==> flow/design.v <==
module core_addsub_n #(
  parameter BITS = 6
) (
  input logic clock,
  input logic aresetn,
  input logic valid,
  input logic [BITS-1:0] src1,
  input logic [BITS-1:0] src2,
  output logic [BITS-1:0] q
);
  logic [BITS-1:0] r_src1;
  logic [BITS-1:0] r_src2;
  logic [BITS:0] r_t;
  always_ff @(posedge clock or negedge aresetn) begin
    if (~aresetn) begin
      r_src1 <= 0;
      r_src2 <= 0;
      r_t <= 0;
      q <= 0;
    end else if (valid) begin
      r_src1 <= src1;
      r_src2 <= src2;
      r_t <= r_src1 - r_src2;
      q <= r_t[BITS] ? {BITS{1'b0}} : r_t[BITS-1:0];
    end
  end
endmodule
# [Step by step through the tools: core_addsub_n]
# A sweep over "BITS": the same steps for each member of the family.
# The file above is the member BITS = 6. Line numbers count from 1 in each member's own file.
# Operators: Yosys type, input widths -> output width; for muxes data width and select width s.
# Cell names lack the library's common part.
# The mark - stands for no value.
[setup] top="core_addsub_n" clock_port="clock" library="sky130hd" corner="tt_025C_1v80"

# [Members of the sweep]
# New or changed lines of each further member against the RTL above, in its own file; lines it lacks are not shown.
[src_changes] BITS=12 line=2 source="parameter BITS = 12"
[src_changes] BITS=24 line=2 source="parameter BITS = 24"
[src_changes] BITS=28 line=2 source="parameter BITS = 28"
[src_changes] BITS=48 line=2 source="parameter BITS = 48"
[src_changes] BITS=56 line=2 source="parameter BITS = 56"
[src_changes] BITS=64 line=2 source="parameter BITS = 64"

# [After elaboration]
# Yosys after proc, flatten, opt, wreduce and memory -nomap, before mapping. Enables and synchronous resets that opt folds into registers are not counted as muxes. Memory bits, and registers merged into a memory's read port (data or address), are not among the register bits. Print and check cells are not counted. Equal cells are merged and count once.
[word_totals] BITS=6 ff_bits=25 latch_bits=0 in_bits=15 mem_bits_ro=0 clocked_rd_ports_x_width=0 memories=0 wordCells=6 ram_bits=0
[word_totals] BITS=12 ff_bits=49 latch_bits=0 in_bits=27 mem_bits_ro=0 clocked_rd_ports_x_width=0 memories=0 wordCells=6 ram_bits=0
[word_totals] BITS=24 ff_bits=97 latch_bits=0 in_bits=51 mem_bits_ro=0 clocked_rd_ports_x_width=0 memories=0 wordCells=6 ram_bits=0
[word_totals] BITS=28 ff_bits=113 latch_bits=0 in_bits=59 mem_bits_ro=0 clocked_rd_ports_x_width=0 memories=0 wordCells=6 ram_bits=0
[word_totals] BITS=48 ff_bits=193 latch_bits=0 in_bits=99 mem_bits_ro=0 clocked_rd_ports_x_width=0 memories=0 wordCells=6 ram_bits=0
[word_totals] BITS=56 ff_bits=225 latch_bits=0 in_bits=115 mem_bits_ro=0 clocked_rd_ports_x_width=0 memories=0 wordCells=6 ram_bits=0
[word_totals] BITS=64 ff_bits=257 latch_bits=0 in_bits=131 mem_bits_ro=0 clocked_rd_ports_x_width=0 memories=0 wordCells=6 ram_bits=0
[classes] BITS=6 logic=0 compare=0 n_reduce_logical=0 div=0 muxes=1 add_sub_neg=1 equal=0 n_mul=0 shift=0
[classes] BITS=12 logic=0 compare=0 n_reduce_logical=0 div=0 muxes=1 add_sub_neg=1 equal=0 n_mul=0 shift=0
[classes] BITS=24 logic=0 compare=0 n_reduce_logical=0 div=0 muxes=1 add_sub_neg=1 equal=0 n_mul=0 shift=0
[classes] BITS=28 logic=0 compare=0 n_reduce_logical=0 div=0 muxes=1 add_sub_neg=1 equal=0 n_mul=0 shift=0
[classes] BITS=48 logic=0 compare=0 n_reduce_logical=0 div=0 muxes=1 add_sub_neg=1 equal=0 n_mul=0 shift=0
[classes] BITS=56 logic=0 compare=0 n_reduce_logical=0 div=0 muxes=1 add_sub_neg=1 equal=0 n_mul=0 shift=0
[classes] BITS=64 logic=0 compare=0 n_reduce_logical=0 div=0 muxes=1 add_sub_neg=1 equal=0 n_mul=0 shift=0
[ops] BITS=6 op_list="1 x $sub 6x6->7; 1 x $mux 6"
[ops] BITS=12 op_list="1 x $sub 12x12->13; 1 x $mux 12"
[ops] BITS=24 op_list="1 x $sub 24x24->25; 1 x $mux 24"
[ops] BITS=28 op_list="1 x $sub 28x28->29; 1 x $mux 28"
[ops] BITS=48 op_list="1 x $sub 48x48->49; 1 x $mux 48"
[ops] BITS=56 op_list="1 x $sub 56x56->57; 1 x $mux 56"
[ops] BITS=64 op_list="1 x $sub 64x64->65; 1 x $mux 64"

# [Depth]
# Yosys ltp: most cells in a row. Word level: on the elaborated netlist, between registers, memories and ports. Mapped: between sequential cells and ports; inverters and the memories' decode and read muxes count.
[depth] BITS=6 ltp_word=1 abc_area=0 depth_mapped=8 ltp_nobuf=8
[depth] BITS=12 ltp_word=1 abc_area=0 depth_mapped=8 ltp_nobuf=8
[depth] BITS=24 ltp_word=1 abc_area=0 depth_mapped=9 ltp_nobuf=9
[depth] BITS=28 ltp_word=1 abc_area=0 depth_mapped=9 ltp_nobuf=9
[depth] BITS=48 ltp_word=1 abc_area=0 depth_mapped=12 ltp_nobuf=12
[depth] BITS=56 ltp_word=1 abc_area=0 depth_mapped=12 ltp_nobuf=12
[depth] BITS=64 ltp_word=1 abc_area=0 depth_mapped=12 ltp_nobuf=12

# [Mapped cells and area]
# Yosys stat after the flow's synthesis: flattened, memories mapped to cells. It holds for the ABC_AREA given above (unset counts as 0); a run with the other value may have another netlist.
[synth_totals] BITS=6 cells=107 buf_cells=4 ff_cells=25 area_um2=1178.6 seqArea_um2=625.6
[synth_totals] BITS=12 cells=236 buf_cells=12 ff_cells=49 area_um2=2477.4 seqArea_um2=1226.2
[synth_totals] BITS=24 cells=527 buf_cells=25 ff_cells=97 area_um2=5097.4 seqArea_um2=2427.3
[synth_totals] BITS=28 cells=634 buf_cells=31 ff_cells=113 area_um2=6073.3 seqArea_um2=2827.7
[synth_totals] BITS=48 cells=981 buf_cells=53 ff_cells=193 area_um2=10199.8 seqArea_um2=4829.6
[synth_totals] BITS=56 cells=1234 buf_cells=70 ff_cells=225 area_um2=12069.1 seqArea_um2=5630.4
[synth_totals] BITS=64 cells=1385 buf_cells=72 ff_cells=257 area_um2=13643.1 seqArea_um2=6431.2
[by_type] BITS=6 type_list="25 x dfrtp_1; 9 x mux2_2; 6 x ha_1; 12 x o21ai_0; 14 x inv_1; 5 x nand3b_1; 6 x a21oi_1; 8 x nand2_1; 3 x o31ai_1; 1 x fa_1; 2 x xnor2_1; 1 x a221o_1; 2 x buf_2; 1 x mux2i_1; 1 x o211a_1; 1 x nand4b_1; 1 x o311ai_0; 1 x a21o_1; [+8]"
[by_type] BITS=12 type_list="49 x dfrtp_1; 15 x mux2_2; 12 x ha_1; 24 x o21ai_0; 28 x inv_1; 25 x nand2_1; 10 x nand3b_1; 7 x a21oi_1; 4 x xnor2_1; 4 x o31ai_1; 1 x o311ai_4; 2 x o31ai_2; 3 x a211oi_1; 3 x a21o_1; 6 x clkbuf_1; 3 x o21a_1; 1 x a211oi_4; 1 x fa_1; [+38]"
[by_type] BITS=24 type_list="97 x dfrtp_1; 34 x mux2_2; 63 x o21ai_0; 24 x ha_1; 62 x nand2_1; 53 x inv_1; 22 x nand3b_1; 22 x a21oi_1; 21 x nor2_1; 15 x nand3_1; 17 x clkbuf_1; 6 x xnor2_1; 6 x xor2_1; 5 x a211oi_1; 5 x o211ai_1; 5 x nand2b_1; 3 x mux2i_1; 4 x o21a_1; [+63]"
[by_type] BITS=28 type_list="113 x dfrtp_1; 36 x mux2_2; 28 x ha_1; 66 x o21ai_0; 69 x inv_1; 69 x nand2_1; 25 x nand3b_1; 34 x a21oi_1; 22 x nor2_1; 19 x clkbuf_1; 9 x o21a_1; 9 x o31ai_1; 13 x nor3_1; 8 x o211ai_1; 6 x xnor2_1; 6 x a21o_1; 9 x nand3_1; 7 x a31oi_1; [+86]"
[by_type] BITS=48 type_list="193 x dfrtp_1; 81 x mux2_2; 48 x ha_1; 44 x a31o_2; 72 x o21ai_0; 88 x nand2_1; 44 x nor2b_1; 54 x a21oi_1; 31 x a21o_1; 62 x inv_1; 23 x xnor2_1; 15 x xor2_1; 34 x clkbuf_1; 20 x nand4_1; 25 x nor2_1; 11 x o21a_1; 9 x o21bai_1; 8 x o31ai_1; [+119]"
[by_type] BITS=56 type_list="225 x dfrtp_1; 99 x mux2_2; 142 x o21ai_0; 56 x ha_1; 124 x inv_1; 122 x nand2_1; 53 x nand3b_1; 67 x a21oi_1; 30 x xnor2_1; 33 x a21o_1; 52 x clkbuf_1; 22 x xor2_1; 37 x nor2_1; 19 x nand4_1; 14 x a31oi_1; 10 x o21a_1; 12 x nand3_1; 7 x o211ai_1; [+110]"
[by_type] BITS=64 type_list="257 x dfrtp_1; 118 x mux2_2; 170 x o21ai_0; 64 x ha_1; 145 x inv_1; 63 x nand3b_1; 122 x nand2_1; 78 x a21oi_1; 35 x xnor2_1; 65 x clkbuf_1; 31 x a21o_1; 25 x xor2_1; 39 x nor2_1; 20 x nand4_1; 14 x o21bai_1; 12 x o21a_1; 12 x a31oi_1; 12 x nand3_1; [+103]"
# A list marked [+n] leaves out that many cells.

# [Path before layout]
# OpenSTA on the mapped netlist: ideal clock, no wires. The path of least setup slack (recovery checks aside). Input and output delay are each 20% of the period. Register names are those of the netlist, which keeps one name where synthesis merged equal registers.
[synth_path] BITS=6 kind="register to register" from="register r_src1[0]" to="register r_t[6]" clock_period_ns=2.23 delay_ns=1.781 path_stages=9 setup_slack_ns=0.448 period_less_setup_slack_ns=1.782
[synth_path] BITS=12 kind="register to register" from="register r_src2[0]" to="register r_t[10]" clock_period_ns=2.3 delay_ns=1.843 path_stages=8 setup_slack_ns=0.458 period_less_setup_slack_ns=1.842
[synth_path] BITS=24 kind="register to register" from="register r_src2[0]" to="register r_t[20]" clock_period_ns=2.7 delay_ns=2.160 path_stages=9 setup_slack_ns=0.540 period_less_setup_slack_ns=2.16
[synth_path] BITS=28 kind="register to register" from="register r_src2[0]" to="register r_t[24]" clock_period_ns=2.89 delay_ns=2.315 path_stages=9 setup_slack_ns=0.575 period_less_setup_slack_ns=2.315
[synth_path] BITS=48 kind="register to register" from="register r_src1[0]" to="register r_t[32]" clock_period_ns=3.17 delay_ns=2.540 path_stages=13 setup_slack_ns=0.630 period_less_setup_slack_ns=2.54
[synth_path] BITS=56 kind="register to register" from="register r_src2[0]" to="register r_t[54]" clock_period_ns=3.49 delay_ns=2.792 path_stages=12 setup_slack_ns=0.698 period_less_setup_slack_ns=2.792
[synth_path] BITS=64 kind="register to register" from="register r_src2[0]" to="register r_t[58]" clock_period_ns=3.77 delay_ns=3.016 path_stages=12 setup_slack_ns=0.754 period_less_setup_slack_ns=3.016
# "delay_ns" is the arrival time less input delay plus setup time.
# "path_stages": output pins that drive a net of the path, with the launching flip-flop's if there is one; two outputs of one cell count as two.
# "period_less_setup_slack_ns" = period - worst setup slack (recovery checks aside). The figure is calculated, with input and output delays left at 20% of the set period.
# Between the ends stands the longest chain of elaborated cells between them, by number of cells; it is not shown to be the way that was timed. Of several equally long chains one is given.
# A line is the first line of the expression or statement that the cell stems from. Yosys adds cells for indexed reads and writes and turns some case tables into memories.
[synth_via_BITS_6] elab_chain_cells=1
[synth_lines_BITS_6] item="start, declared" line=11 source="logic [BITS-1:0] r_src1;"
[synth_lines_BITS_6] item="start, assigned" line=16 source="r_src1 <= 0;"
[synth_lines_BITS_6] item="start, assigned" line=21 source="r_src1 <= src1;"
[synth_lines_BITS_6] item="$sub 6x6->7" line=23 source="r_t <= r_src1 - r_src2;"
[synth_lines_BITS_6] item="end, assigned" line=18 source="r_t <= 0;"
[synth_lines_BITS_6] item="end, assigned" line=23
[synth_lines_BITS_6] item="end, declared" line=13 source="logic [BITS:0] r_t;"
[synth_via_BITS_64] elab_chain_cells=1
[synth_lines_BITS_64] item="start, declared" line=12 source="logic [BITS-1:0] r_src2;"
[synth_lines_BITS_64] item="start, assigned" line=17 source="r_src2 <= 0;"
[synth_lines_BITS_64] item="start, assigned" line=22 source="r_src2 <= src2;"
[synth_lines_BITS_64] item="$sub 64x64->65" line=23 source="r_t <= r_src1 - r_src2;"
[synth_lines_BITS_64] item="end, assigned" line=18 source="r_t <= 0;"
[synth_lines_BITS_64] item="end, assigned" line=23
[synth_lines_BITS_64] item="end, declared" line=13 source="logic [BITS:0] r_t;"

# [Timing after layout]
# From the final timing report of the run of each member: the path of least setup slack in the routed layout; clock arrival at registers is part of the times.
[layout_path] BITS=6 kind="register to register" from="register r_src1[0]" to="register r_t[6]" n_path_buf=0 path_stages=9 setup_slack_ns=0.34 clock_period_ns=2.23 arrival_ns=2.17
[layout_path] BITS=12 kind="register to register" from="register r_src2[0]" to="register r_t[10]" n_path_buf=0 path_stages=8 setup_slack_ns=0.36 clock_period_ns=2.3 arrival_ns=2.12
[layout_path] BITS=24 kind="register to register" from="register r_src2[0]" to="register r_t[14]" n_path_buf=0 path_stages=9 setup_slack_ns=0.32 clock_period_ns=2.7 arrival_ns=2.61
[layout_path] BITS=28 kind="register to register" from="register r_src2[0]" to="register r_t[24]" n_path_buf=0 path_stages=9 setup_slack_ns=0.19 clock_period_ns=2.89 arrival_ns=3.03
[layout_path] BITS=48 kind="register to register" from="register r_src2[1]" to="register r_t[41]" n_path_buf=0 path_stages=12 setup_slack_ns=0.32 clock_period_ns=3.17 arrival_ns=3.16
[layout_path] BITS=56 kind="register to register" from="register r_src1[8]" to="register r_t[53]" n_path_buf=0 path_stages=11 setup_slack_ns=0.31 clock_period_ns=3.49 arrival_ns=3.58
[layout_path] BITS=64 kind="register to register" from="register r_src2[0]" to="register r_t[58]" n_path_buf=0 path_stages=12 setup_slack_ns=0.46 clock_period_ns=3.77 arrival_ns=3.76

# [Flow runs]
# One run of the flow (Yosys, OpenROAD) for each member, with settings and measured results. Input and output delays are each 20% of the period that was set; the output load is 0.01 pF.
[flow_settings] CAP_MARGIN=20 CORE_MARGIN=2 CORE_UTILIZATION=40 SLEW_MARGIN=20
[settings_by_member] BITS=6 period_ns=2.23
[settings_by_member] BITS=12 period_ns=2.3
[settings_by_member] BITS=24 period_ns=2.7
[settings_by_member] BITS=28 period_ns=2.89
[settings_by_member] BITS=48 period_ns=3.17
[settings_by_member] BITS=56 period_ns=3.49
[settings_by_member] BITS=64 period_ns=3.77
[results] BITS=6 ys_area_um2=1178.6 achievedPeriod_ns=1.894 final_stdcell_area_um2=1441.4 total_die_area_um2=3396.6 timing.setup.tns_ns=0.000 setup_ws_ns=0.336
[results] BITS=12 ys_area_um2=2477.4 achievedPeriod_ns=1.936 final_stdcell_area_um2=3044.2 total_die_area_um2=6839.3 timing.setup.tns_ns=0.000 setup_ws_ns=0.364
[results] BITS=24 ys_area_um2=5097.4 achievedPeriod_ns=2.379 final_stdcell_area_um2=6311.1 total_die_area_um2=13662.1 timing.setup.tns_ns=0.000 setup_ws_ns=0.321
[results] BITS=28 ys_area_um2=6073.3 achievedPeriod_ns=2.698 final_stdcell_area_um2=7668.6 total_die_area_um2=16184.9 timing.setup.tns_ns=0.000 setup_ws_ns=0.192
[results] BITS=48 ys_area_um2=10199.8 achievedPeriod_ns=2.850 final_stdcell_area_um2=12575.8 total_die_area_um2=26792.8 timing.setup.tns_ns=0.000 setup_ws_ns=0.320
[results] BITS=56 ys_area_um2=12069.1 achievedPeriod_ns=3.178 final_stdcell_area_um2=14976.9 total_die_area_um2=31577.3 timing.setup.tns_ns=0.000 setup_ws_ns=0.312
[results] BITS=64 ys_area_um2=13643.1 achievedPeriod_ns=3.311 final_stdcell_area_um2=17023.8 total_die_area_um2=35600.1 timing.setup.tns_ns=0.000 setup_ws_ns=0.459
# "achievedPeriod_ns" = clock period - worst setup slack. The figure is calculated, with input and output delays left at 20% of the set period.
